==> flow/design.v <==
module fa (
  input wire a,
  input wire b,
  input wire ci,
  output wire s,
  output wire co
);
  assign {co, s} = a + b + ci;
endmodule
module summer #(
  parameter WD = 12
) (
  input wire clk_i,
  input wire rst_n,
  input wire step,
  input wire [WD-1:0] A_in,
  input wire [WD-1:0] B_in,
  input wire c0_in,
  output wire [WD-1:0] out_out,
  output wire cy_out
);
  reg [WD-1:0] r_A;
  reg [WD-1:0] r_B;
  reg r_c0;
  wire [WD-1:0] tmp;
  wire [WD:0] carry;
  assign carry[0] = r_c0;
  genvar g;
  generate
    for (g = 0; g < WD; g = g + 1) begin : row
      fa u0 (.a(r_A[g]), .b(r_B[g]), .ci(carry[g]), .s(tmp[g]), .co(carry[g+1]));
    end
  endgenerate
  assign out_out = tmp;
  assign cy_out = carry[WD];
  always @(posedge clk_i) begin
    if (~rst_n) begin
      r_A <= 0;
      r_B <= 0;
      r_c0 <= 1'b0;
    end else if (step) begin
      r_A <= A_in;
      r_B <= B_in;
      r_c0 <= c0_in;
    end
  end
endmodule
Memo
Re: synthesis data of summer

== Tool chain data of summer ==
Module summer in several versions that differ in "WD"; each step lists the members.
The RTL above is that of WD 12; lines are counted from 1 in the file of the member named.
Library cell names are shortened.
The mark - stands for no value.

* Top: summer
* Clock port: clk_i
* Cell library: sky130hd
* Corner: tt_025C_1v80

== Members of the sweep ==
Lines of each other member's file that are new or changed against the file above; lines that a member lacks are not shown.

{| class="wikitable"
|+ Lines new or changed
! WD !! line !! RTL
|-
| 14 || 11 || <nowiki>parameter WD = 14</nowiki>
|-
| 64 || 11 || <nowiki>parameter WD = 64</nowiki>
|-
| 96 || 11 || <nowiki>parameter WD = 96</nowiki>
|-
| 112 || 11 || <nowiki>parameter WD = 112</nowiki>
|}

== Word level ==
Counts by Yosys on the flattened word-level netlist (proc, flatten, opt, wreduce; memories kept). Register bits leave out memories and registers merged into their read ports (data or address); mux counts leave out enables and synchronous resets folded into registers. Print and check cells are left out. Cells with the same type and inputs are merged into one.

{| class="wikitable"
|+ Bit counts
! WD !! flip-flop bits (word level) !! bits in latches !! memory bits (writable) !! bits in read-only memories !! clocked read ports x word width !! memory cells !! input port bits !! output and inout bits !! cells after elaboration
|-
| 12 || 25 || 0 || 0 || 0 || 0 || 0 || 28 || 13 || 27
|-
| 14 || 29 || 0 || 0 || 0 || 0 || 0 || 32 || 15 || 31
|-
| 64 || 129 || 0 || 0 || 0 || 0 || 0 || 132 || 65 || 131
|-
| 96 || 193 || 0 || 0 || 0 || 0 || 0 || 196 || 97 || 195
|-
| 112 || 225 || 0 || 0 || 0 || 0 || 0 || 228 || 113 || 227
|}

{| class="wikitable"
|+ Cells by class
! WD !! $add $sub $neg !! multiply operators !! div/mod/pow operators !! magnitude comparators !! equality and inequality tests !! shift-type cells !! muxes and demuxes !! bitwise gates (word level) !! reduce/logical cells
|-
| 12 || 24 || 0 || 0 || 0 || 0 || 0 || 0 || 0 || 0
|-
| 14 || 28 || 0 || 0 || 0 || 0 || 0 || 0 || 0 || 0
|-
| 64 || 128 || 0 || 0 || 0 || 0 || 0 || 0 || 0 || 0
|-
| 96 || 192 || 0 || 0 || 0 || 0 || 0 || 0 || 0 || 0
|-
| 112 || 224 || 0 || 0 || 0 || 0 || 0 || 0 || 0 || 0
|}

{| class="wikitable"
|+ Operators by type and width
! WD !! kind and count
|-
| 12 || 12 x 1-bit by 1-bit adder with 2-bit output; 12 x 2-bit by 1-bit adder with 2-bit output
|-
| 14 || 14 x 1-bit by 1-bit adder with 2-bit output; 14 x 2-bit by 1-bit adder with 2-bit output
|-
| 64 || 64 x 1-bit by 1-bit adder with 2-bit output; 64 x 2-bit by 1-bit adder with 2-bit output
|-
| 96 || 96 x 1-bit by 1-bit adder with 2-bit output; 96 x 2-bit by 1-bit adder with 2-bit output
|-
| 112 || 112 x 1-bit by 1-bit adder with 2-bit output; 112 x 2-bit by 1-bit adder with 2-bit output
|}

== Logic depth ==
Longest topological path by Yosys (ltp), each cell counted once; first at word level (registers and memories cut), then after technology mapping (sequential cells cut; the memories' decode and read muxes count).

{| class="wikitable"
|+ Logic depth
! WD !! depth in word-level cells !! ABC_AREA !! depth in mapped cells !! mapped depth without buffers
|-
| 12 || 13 || 0 || 17 || 16
|-
| 14 || 15 || 0 || 19 || 18
|-
| 64 || 65 || 0 || 69 || 68
|-
| 96 || 97 || 0 || 101 || 100
|-
| 112 || 113 || 0 || 117 || 116
|}

== Mapped cells and area ==
Source: synth_stat.txt of the flow (Yosys; design flattened, memories mapped). It holds for the ABC_AREA given above (unset counts as 0); a run with the other value may have another netlist.

{| class="wikitable"
|+ Mapped netlist
! WD !! mapped cells !! cell area after synthesis (um^2) !! flip-flop cells !! buffer cells
|-
| 12 || 114 || 1333.8 || 25 || 17
|-
| 14 || 131 || 1526.5 || 29 || 20
|-
| 64 || 554 || 6799.0 || 129 || 93
|-
| 96 || 824 || 10132.2 || 193 || 139
|-
| 112 || 959 || 11633.7 || 225 || 162
|}

{| class="wikitable"
|+ Cell types
! WD !! types with counts
|-
| 12 || 25 x dfxtp_1; 25 x mux2i_1; 12 x fa_1; 25 x nor2b_1; 12 x buf_4; 2 x buf_12; 10 x inv_1; 1 x buf_6; 2 x clkbuf_1
|-
| 14 || 29 x dfxtp_1; 29 x mux2i_1; 14 x fa_1; 29 x nor2b_1; 15 x buf_4; 10 x inv_1; 1 x buf_12; 1 x buf_6; 2 x clkbuf_1; 1 x buf_2
|-
| 64 || 129 x dfxtp_1; 129 x mux2i_1; 64 x fa_1; 129 x nor2b_1; 66 x buf_4; 11 x buf_12; 13 x clkbuf_1; 10 x inv_1; 2 x buf_8; 1 x buf_2
|-
| 96 || 193 x dfxtp_1; 193 x mux2i_1; 96 x fa_1; 193 x nor2b_1; 99 x buf_4; 12 x buf_12; 7 x buf_8; 19 x clkbuf_1; 10 x inv_1; 2 x buf_2
|-
| 112 || 225 x dfxtp_1; 225 x mux2i_1; 112 x fa_1; 225 x nor2b_1; 120 x buf_4; 17 x buf_6; 22 x clkbuf_1; 10 x inv_1; 3 x buf_2
|}

The figures by module come from a second, unflattened synthesis with its own total; it is not the netlist above.

{| class="wikitable"
|+ Unflattened totals
! WD !! cells (unflattened synthesis) !! area total of the unflattened synthesis (um^2)
|-
| 12 || 92 || 1206.2
|-
| 14 || 107 || 1383.8
|-
| 64 || 480 || 6281.0
|-
| 96 || 718 || 9374.0
|-
| 112 || 837 || 10755.3
|}

== Worst setup path after synthesis ==
Source: OpenSTA report_checks on the synthesized netlist (no wires, ideal clock, input and output delay 20% of the period each), path of least setup slack; recovery checks are left aside. Register names are those of the netlist, which keeps one name where synthesis merged equal registers.

{| class="wikitable"
|+ Timing after synthesis
! WD !! path kind !! from !! to !! clock period (ns) !! slack (ns) !! stages !! path delay (ns) !! period reached after synthesis (ns)
|-
| 12 || flip-flop to output port || register r_c0 || output port out_out[11] || 7.71 || 1.233 || 18 || 4.935 || 6.477
|-
| 14 || flip-flop to output port || register r_c0 || output port out_out[13] || 8.9 || 1.426 || 20 || 5.694 || 7.474
|-
| 64 || flip-flop to output port || register r_c0 || output port out_out[63] || 38.6 || 6.200 || 70 || 24.680 || 32.4
|-
| 96 || flip-flop to output port || register r_c0 || output port out_out[95] || 57.5 || 9.169 || 102 || 36.831 || 48.331
|-
| 112 || flip-flop to output port || register r_c0 || output port out_out[111] || 67.0 || 10.693 || 118 || 42.907 || 56.307
|}

"path delay" is the arrival time less input delay plus setup time.
At an output port there is no setup time.
"stages": output pins that drive a net of the path, with the launching flip-flop's if there is one; two outputs of one cell count as two.
"period reached after synthesis" is the clock period less the worst setup slack; recovery checks do not enter. This is arithmetic on one report: input and output delays are still those of the set period (20% each).
The rows between start and end are the longest chain of elaborated cells between them; the timing report does not say that the signal goes this way. Where chains are equally long, one stands for them.
Each line given opens the expression or statement behind the cell; cells for indexed reads and writes are added by Yosys, which also makes memories of some case tables.

On the way, after synthesis, WD 12:
* Cells in the longest elaborated chain: 12

{| class="wikitable"
|+ Ends and longest elaborated chain, after synthesis, WD 12
! element !! line !! RTL
|-
| start: declaration || 24 || <nowiki>reg r_c0;</nowiki>
|-
| start: assignment || 40 || <nowiki>r_c0 <= 1'b0;</nowiki>
|-
| start: assignment || 44 || <nowiki>r_c0 <= c0_in;</nowiki>
|-
| 2-bit by 1-bit adder with 2-bit output (12 in a row) || 8 || <nowiki>assign {co, s} = a + b + ci;</nowiki>
|-
| end: declaration || 19 || <nowiki>output wire [WD-1:0] out_out,</nowiki>
|}

On the way, after synthesis, WD 112:
* Cells in the longest elaborated chain: 112

{| class="wikitable"
|+ Ends and longest elaborated chain, after synthesis, WD 112
! element !! line !! RTL
|-
| start: declaration || 24 || <nowiki>reg r_c0;</nowiki>
|-
| start: assignment || 40 || <nowiki>r_c0 <= 1'b0;</nowiki>
|-
| start: assignment || 44 || <nowiki>r_c0 <= c0_in;</nowiki>
|-
| 2-bit by 1-bit adder with 2-bit output (112 in a row) || 8 || <nowiki>assign {co, s} = a + b + ci;</nowiki>
|-
| end: declaration || 19 || <nowiki>output wire [WD-1:0] out_out,</nowiki>
|}

== Worst path after layout ==
Path of least setup slack in the final report of each member's run (OpenROAD, finished layout, wires in). Where an end is a register, its clock arrival counts in the times.

{| class="wikitable"
|+ Timing after layout
! WD !! path kind !! from !! to !! clock period (ns) !! slack (ns) !! stages !! arrival (ns) !! path buffers
|-
| 12 || flip-flop to output port || register r_c0 || output port out_out[11] || 7.71 || 0.28 || 18 || 5.88 || 1
|-
| 14 || flip-flop to output port || register r_c0 || output port out_out[13] || 8.9 || 0.52 || 20 || 6.60 || 1
|-
| 64 || flip-flop to output port || register r_c0 || output port out_out[63] || 38.6 || 3.96 || 70 || 26.92 || 1
|-
| 96 || flip-flop to output port || register r_c0 || output port out_out[95] || 57.5 || 5.77 || 102 || 40.23 || 1
|-
| 112 || flip-flop to output port || register r_c0 || output port out_out[111] || 67.0 || 6.59 || 118 || 47.01 || 1
|}

== Layout results ==
Settings and results of one run of the flow (Yosys, OpenROAD) for each member follow. The constraints put input and output delay at 20% of the set period each and load the outputs with 0.01 pF.

* CAP_MARGIN: 20
* CORE_MARGIN: 2
* CORE_UTILIZATION: 40
* SLEW_MARGIN: 20

{| class="wikitable"
|+ Settings by member
! WD !! period_ns
|-
| 12 || 7.71
|-
| 14 || 8.9
|-
| 64 || 38.6
|-
| 96 || 57.5
|-
| 112 || 67.0
|}

{| class="wikitable"
|+ Measured results
! WD !! mapped cell area after synthesis (um^2) !! total die area (um^2) !! standard-cell area after layout (um^2) !! post-layout utilization (%) !! worst setup slack after layout (ns) !! final setup TNS (ns) !! lowest hold slack (ns) !! overall power (mW) !! achieved period (ns)
|-
| 12 || 1333.8 || 3812.4 || 1675.4 || 54.0 || 0.283 || 0.000 || 0.534 || 0.2654 || 7.427
|-
| 14 || 1526.5 || 4326.4 || 1971.9 || 53.9 || 0.519 || 0.000 || 0.511 || 0.3156 || 8.381
|-
| 64 || 6799.0 || 18056.6 || 8821.0 || 53.2 || 3.965 || 0.000 || 0.521 || 0.3649 || 34.635
|-
| 96 || 10132.2 || 26619.6 || 12921.1 || 51.6 || 5.774 || 0.000 || 0.533 || 0.3404 || 51.726
|-
| 112 || 11633.7 || 30464.2 || 15260.9 || 53.2 || 6.594 || 0.000 || 0.520 || 0.3644 || 60.406
|}

"achieved period" means the clock period less the worst setup slack. The figure is calculated, with input and output delays left at 20% of the set period.
"overall power": no workload was simulated; the value follows from the tool's default switching activity.
